==> flow/design.v <==
module alu_alu_arith_n #(
   parameter int DATA_WIDTH = 72
) (
   input  logic i_clk,
   input  logic [DATA_WIDTH-1:0] in_in0,
   input  logic [DATA_WIDTH-1:0] in_in1,
   input  logic in_dir,
   output logic [DATA_WIDTH-1:0] out_res
);
   logic [DATA_WIDTH-1:0] in0_r;
   logic [DATA_WIDTH-1:0] in1_r;
   logic dir_r;
   always_ff @(posedge i_clk) begin
      in0_r <= in_in0;
      in1_r <= in_in1;
      dir_r <= in_dir;
   end
   logic [DATA_WIDTH-1:0] nxt;
   always_comb begin
      if (dir_r)
         nxt = in0_r - in1_r;
      else
         nxt = in0_r + in1_r;
   end
   assign out_res = nxt;
endmodule
; Reports on alu_alu_arith_n
; The steps from the RTL of alu_alu_arith_n to its reports follow in flow order.
; Line numbers count from 1 in the design file above.
; Operators: Yosys type, input widths -> output width; for muxes data width and select width s.
; Cell names lack the library's common part.
; The mark n/a stands for no value.
[inputs]
design = alu_alu_arith_n
clock = i_clk
cell_library = sky130hd
pvt_corner = tt_025C_1v80

; After elaboration
; Yosys after proc, flatten, opt, wreduce and memory -nomap, before mapping. Enables and synchronous resets that opt folds into registers are not counted as muxes. Memory bits, and registers merged into a memory's read port (data or address), are not among the register bits. Print and check cells are not counted. Equal cells are merged and count once.
[word_totals]
reg_bits = 145
output_inout_bits = 72
wordCells = 6
[op_classes]
addsub = 2
n_mux = 1
[ops]
columns = op, count
row1 = $add 72x72->72, 1
row2 = $sub 72x72->72, 1
row3 = $mux 72, 1

; Logic depth
; Depth = most cells in a row (Yosys ltp): at word level without a register or memory, in the mapped netlist without a sequential cell, where the memories' decode and read muxes count.
[depth]
depth_word = 2
ABC_AREA = 1
depth_mapped = 24

; Synthesis result
; Source: synth_stat.txt of the flow (Yosys; design flattened, memories mapped). It holds for the ABC_AREA given above (unset counts as 0); a run with the other value may have another netlist.
[by_type]
columns = type, count, area_total_um2
row1 = dfxtp_1, 145, 2.9E+03
row2 = nand2_1, 688, 2.58E+03
row3 = inv_1, 399, 1.5E+03
row4 = nor2_1, 274, 1.03E+03
row5 = ha_1, 72, 900.864
row6 = xor2_1, 96, 840.806
row7 = a21oi_1, 77, 385.37
row8 = nand3_1, 76, 380.365
row9 = o21ai_0, 68, 340.326
row10 = nand4_1, 34, 212.704
row11 = nor3_1, 29, 145.139
row12 = xnor2_1, 9, 78.826
row13 = o21ai_1, 8, 40.038
row14 = nor2_2, 5, 31.28
row15 = nand3b_1, 4, 30.029
row16 = a31oi_1, 4, 25.024
row17 = o21bai_1, 3, 22.522
row18 = buf_2, 4, 20.019
; Not listed: further types 18, cells in them 26.
[mapped]
cell_count = 2021
synth_area_um2 = 11657.4
seq_area_um2 = 2902.8
ff_cells = 145
buffers = 10

; Worst setup path after synthesis
; Path of least setup slack by OpenSTA after synthesis, without wires, with an ideal clock, recovery checks aside; 20% of the period is set as input and as output delay. Where synthesis merged equal registers, the netlist keeps one of their names.
[synth_timing]
path_kind = reg-to-output
start = reg in1_r[0]
end = out out_res[69]
tclk_ps = 7250
t_arrival_ps = 2801
t_required_ps = 5800
slack_ps = 2999
delay_ps = 2801
driving_pins = 23
path_buffers = 0
synth_period_reached_ps = 4251
; "delay_ps" = arrival - input delay + setup time.
; A path that ends at an output port has no setup time.
; "driving_pins" counts driving pins, that of a launching flip-flop among them; a cell with two outputs on the path counts twice.
; "synth_period_reached_ps" = period - worst setup slack (recovery checks aside). The figure is calculated, with input and output delays left at 20% of the set period.
; Between the ends stands the longest chain of elaborated cells between them, by number of cells; it is not shown to be the way that was timed. Of several equally long chains one is given.
; A line is the first line of the expression or statement that the cell stems from. Yosys adds cells for indexed reads and writes and turns some case tables into memories.
[synth_between]
cell_sequence = dfxtp_1 inv_1 ha_1 nand3_2 nor2_4 nand4_1 or2_1 nand2_1 xor2_1 inv_1 ha_1 nand2_1 nor2_1 nand2_1 nor2_1 nand2_1 nand3_1 nand2_1 nand2_1 nand2_1 nand2_1 nand2_1 nand2_1
elab_chain_len = 2
[synth_rtl]
columns = item, line
row1 = from (decl), 11  ; logic [DATA_WIDTH-1:0] in1_r;
row2 = from (assign), 15  ; in1_r <= in_in1;
row3 = $add 72x72->72, 23  ; nxt = in0_r + in1_r;
row4 = $mux 72, 20  ; if (dir_r)
row5 = to (decl), 8  ; output logic [DATA_WIDTH-1:0] out_res

; Timing after layout
; Path of least setup slack in the final report of flow run A (OpenROAD, finished layout, wires in). Where an end is a register, its clock arrival counts in the times.
; The path's times are printed in steps of 10 ps; the period is the one set.
[layout_timing]
path_kind = reg-to-output
start = reg in1_r[1]
end = out out_res[63]
tclk_ps = 5980
t_arrival_ps = 4830
t_required_ps = 4780
slack_ps = -40
driving_pins = 25
path_buffers = 3
; Between the ends stands the longest chain of elaborated cells between them, by number of cells; it is not shown to be the way that was timed. Of several equally long chains one is given.
[layout_between]
cell_sequence = dfxtp_2 inv_4 ha_4 nand3_4 nor2_4 buf_4 nand2_2 inv_2 nand2_4 xor2_4 nand2_2 o21ai_2 ha_4 nand2_8 nor2_4 inv_2 nor2_4 buf_4 nand2_4 nor3_4 nand2_2 nand2_1 nand2_1 nand2_2 buf_2
elab_chain_len = 2
[layout_rtl]
columns = item, line
row1 = from (decl), 11  ; logic [DATA_WIDTH-1:0] in1_r;
row2 = from (assign), 15  ; in1_r <= in_in1;
row3 = $add 72x72->72, 23  ; nxt = in0_r + in1_r;
row4 = $mux 72, 20  ; if (dir_r)
row5 = to (decl), 8  ; output logic [DATA_WIDTH-1:0] out_res

; Top module alu_alu_arith_n; platform sky130hd; tools Yosys and OpenROAD; 2 stored runs in no particular order. Input and output delays are each 20% of the period that was set; the output load is 0.01 pF.
; "achieved_period_ps" means the clock period less the worst setup slack. The figure is calculated, with input and output delays left at 20% of the set period.
; By "critical_path_time_ps" is meant the share of the clock period that the worst setup path is allowed (20% is reserved at inputs, 20% at outputs), minus its slack. Clock arrival times at its registers enter into it.
; "fin_power_mw": no workload was simulated; the value follows from the tool's default switching activity.
; "critical_path_time_ps" is known to 10 ps.

[flow run A: settings]
period_ns = 5.98
CORE_UTILIZATION = 17
SETUP_SLACK_MARGIN = 0.95
CORE_MARGIN = 2
CELL_PAD_IN_SITES_DETAIL_PLACEMENT = 2
ABC_AREA = 1
GPL_TIMING_DRIVEN = 1
GPL_ROUTABILITY_DRIVEN = 0
CAP_MARGIN = 20
SLEW_MARGIN = 20
[flow run A: results]
total_die_area_um2 = 70684.2
fin_power_mw = 5.111
total_negative_slack_ps = -89
achieved_period_ps = 6022
finish.stdcell_area_um2 = 21602.0
worst_hold_slack_ps = 1114
ys_area_um2 = 11657.4
timing.setup.ws_ps = -42
critical_path_time_ps = 4830
path_kind = reg-to-output
fin_util_pct = 31.7

[flow run B: settings]
period_ns = 7.25
CAP_MARGIN = 20
CORE_MARGIN = 2
CORE_UTILIZATION = 40
SLEW_MARGIN = 20
[flow run B: results]
total_die_area_um2 = 22861.4
fin_power_mw = 2.867
total_negative_slack_ps = 0
achieved_period_ps = 7087
finish.stdcell_area_um2 = 12015.3
worst_hold_slack_ps = 1456
ys_area_um2 = 8667.1
timing.setup.ws_ps = 163
critical_path_time_ps = 5640
path_kind = reg-to-output
fin_util_pct = 56.8
